==> flow/design.v <==
module cpu_mul_core #(
    parameter integer DW = 8
) (
    input logic ck,
    input logic rst_n,
    input logic adv,
    input logic [DW-1:0] opa,
    input logic [DW-1:0] opb,
    output logic [2*DW-1:0] q
);
    always_ff @(posedge ck or negedge rst_n) begin
        if (~rst_n) begin
            q <= 0;
        end else if (adv) begin
            q <= opa * opb;
        end
    end
endmodule
Step by step through the tools: cpu_mul_core

Tool output for the design above, in the order of the flow.
Line numbers count from 1 in the design file above.
Cell names lack the library's common part.
Not given: --

Top module: cpu_mul_core
Clock input: ck
Cell library: sky130hd
Corner: tt_025C_1v80

After elaboration

Source: Yosys, flattened and elaborated, memories not mapped. Widths are those after wreduce; folded enables and synchronous resets count as part of the registers. Registers that Yosys merges into a memory's read port (data or address) are not register bits. Print and check cells do not count. Equal cells are merged and count once.

Flip-flop bits (word level): 16
Input port bits: 19

Multipliers: 1

Operators with widths:

| cell                       | count |
| multiplier 8 x 8 -> 16 bit | 1 |

Logic depth

Yosys ltp: most cells in a row. Word level: on the elaborated netlist, between registers, memories and ports. Mapped: between sequential cells and ports; inverters and the memories' decode and read muxes count.

Depth in word-level cells: 1
ABC_AREA: 0
Mapped depth: 15
Gate-level depth less buffers: 15

Mapped cells and area

The flow's flattened synthesis, as Yosys stat reports it; memories are mapped. The netlist is that of the ABC_AREA named above (0 if unset); the other value can give another one.

Cells in the netlist: 279
Cell area after synthesis: 2691.3 um^2
Mapped flip-flops: 16

Cells by type:

| cell     | count | area in all (um^2) |
| fa_1     | 36    | 720.691 |
| ha_1     | 36    | 450.432 |
| dfrtp_1  | 16    | 400.384 |
| and2_1   | 45    | 281.52 |
| inv_1    | 51    | 191.434 |
| mux2_2   | 10    | 112.608 |
| nand2_1  | 27    | 101.347 |
| xnor2_1  | 6     | 52.55 |
| a21oi_1  | 8     | 40.038 |
| o211ai_2 | 3     | 37.536 |
| a21o_1   | 4     | 30.029 |
| mux2i_1  | 3     | 30.029 |
| xor2_1   | 3     | 26.275 |
| o21ai_0  | 4     | 20.019 |
| a21oi_2  | 2     | 17.517 |
| o311ai_2 | 1     | 16.266 |
| mux2_4   | 1     | 15.014 |
| a211oi_2 | 1     | 12.512 |

Not listed: further types 18, cells in them 22.

Timing after synthesis

Source: OpenSTA report_checks on the synthesized netlist (no wires, ideal clock, input and output delay 20% of the period each), path of least setup slack; recovery checks are left aside. Register names are those of the netlist, which keeps one name where synthesis merged equal registers.

Path kind: input -> register
Start: input port opb[4]
End: register q[14]
Period: 5.74 ns
External input delay: 1.148 ns
Setup time: 0.125 ns
Arrival: 4.696 ns
Required time: 5.615 ns
Setup slack: 0.919 ns
Delay of the path: 3.673 ns
Stages: 15
Synthesis period reached: 4.821 ns

"delay of the path" = arrival - input delay + setup time.
"stages": output pins that drive a net of the path, with the launching flip-flop's if there is one; two outputs of one cell count as two.
"synthesis period reached" = period - worst setup slack (recovery checks aside). The figure is calculated, with input and output delays left at 20% of the set period.
The rows between start and end are the longest chain of elaborated cells between them; the timing report does not say that the signal goes this way. Where chains are equally long, one stands for them.
Each line given opens the expression or statement behind the cell; cells for indexed reads and writes are added by Yosys, which also makes memories of some case tables.

Cells stage by stage: and2_1 > fa_1 > inv_1 > fa_1 > inv_1 > fa_1 > inv_1 > fa_1 > inv_1 > ha_1 > a21oi_1 > o211ai_2 > a31oi_1 > xnor2_1 > mux2_4
Length of the longest elaborated chain: 1
Elaborated cells on any way between the ends: 1
Source lines of those cells: 1
Classes of those cells: mul (1)

RTL lines, path post-synthesis:

| element                    | RTL line | text |
| from (decl)                | 8        | `input logic [DW-1:0] opb,` |
| multiplier 8 x 8 -> 16 bit | 15       | `q <= opa * opb;` |
| to (assign)                | 13       | `q <= 0;` |
| to (assign)                | 15       |  |
| to (decl)                  | 9        | `output logic [2*DW-1:0] q` |

Timing after layout

From the final timing report of flow run A: the path of least setup slack in the routed layout; clock arrival at registers is part of the times.

Path kind: input -> register
Start: input port opb[4]
End: register q[14]
Period: 5.74 ns
External input delay: 1.15 ns
Setup time: 0.11 ns
Arrival: 5.52 ns
Required time: 5.88 ns
Setup slack: 0.35 ns
Stages: 16

The rows between start and end are the longest chain of elaborated cells between them; the timing report does not say that the signal goes this way. Where chains are equally long, one stands for them.

Cells stage by stage: clkdlybuf4s50_1 > and2_1 > fa_1 > inv_1 > fa_1 > inv_1 > fa_1 > inv_1 > fa_1 > inv_1 > ha_1 > a21oi_1 > o211ai_2 > a31oi_1 > xnor2_1 > mux2_4
Length of the longest elaborated chain: 1
Elaborated cells on any way between the ends: 1
Source lines of those cells: 1
Classes of those cells: mul (1)

RTL lines, path after layout:

| element                    | RTL line | text |
| from (decl)                | 8        | `input logic [DW-1:0] opb,` |
| multiplier 8 x 8 -> 16 bit | 15       | `q <= opa * opb;` |
| to (assign)                | 13       | `q <= 0;` |
| to (assign)                | 15       |  |
| to (decl)                  | 9        | `output logic [2*DW-1:0] q` |

## Implementation results

Measured results for cpu_mul_core: 3 stored runs of the Yosys and OpenROAD flow on sky130hd. The settings differ; the order carries no meaning. The constraints put input and output delay at 20% of the set period each and load the outputs with 0.01 pF.
By "period reached" is meant the clock period of the run minus its worst setup slack. This is arithmetic on one report: input and output delays are still those of the set period (20% each).
"time on the worst setup path" = time allowed to the worst setup path (clock period - input delay - output delay, where it has them) - its slack; a late launch clock adds to it, a late capture clock takes from it.
"total power after layout" is the tool's figure for a default switching activity; nothing was simulated.
Settings: n/a = not set for that run.

| setting or result                             | flow run A        | flow run B        | flow run C        |
| period_ns                                     | 5.74              | 3.93              | 4.0               |
| CAP_MARGIN                                    | 20                | 25                | 25                |
| CORE_MARGIN                                   | 2                 | 2                 | 2                 |
| CORE_UTILIZATION                              | 40                | 41                | 27                |
| SLEW_MARGIN                                   | 20                | 0                 | 20                |
| CORE_ASPECT_RATIO                             | n/a               | 1.09              | 1.17              |
| CELL_PAD_IN_SITES_GLOBAL_PLACEMENT            | n/a               | 1                 | n/a               |
| ABC_AREA                                      | n/a               | 0                 | 0                 |
| CTS_CLUSTER_DIAMETER                          | n/a               | 105               | n/a               |
| CELL_PAD_IN_SITES_DETAIL_PLACEMENT            | n/a               | n/a               | 2                 |
| TNS_END_PERCENT                               | n/a               | n/a               | 80                |
| GPL_ROUTABILITY_DRIVEN                        | n/a               | n/a               | 1                 |
| CTS_CLUSTER_SIZE                              | n/a               | n/a               | 100               |
| synthesized cell area (um^2)                  | 2691.3            | 2691.3            | 2691.3            |
| full die area (um^2)                          | 7400.3            | 7228.5            | 10784.6           |
| standard-cell area of the final layout (um^2) | 3219.3            | 3678.5            | 3851.2            |
| utilization in the final report (%)           | 50.1              | 58.3              | 39.5              |
| worst slack on setup checks (ns)              | 0.353             | -0.433            | -0.409            |
| setup total negative slack (ns)               | 0.000             | -2.862            | -3.138            |
| worst hold slack in the final report (ns)     | 0.503             | 0.505             | 0.509             |
| total power after layout (mW)                 | 1.057             | 2.041             | 2.259             |
| period reached (ns)                           | 5.387             | 4.363             | 4.409             |
| time on the worst setup path (ns)             | 4.24              | 3.58              | 3.61              |
| kind of the worst setup path                  | input -> register | input -> register | input -> register |
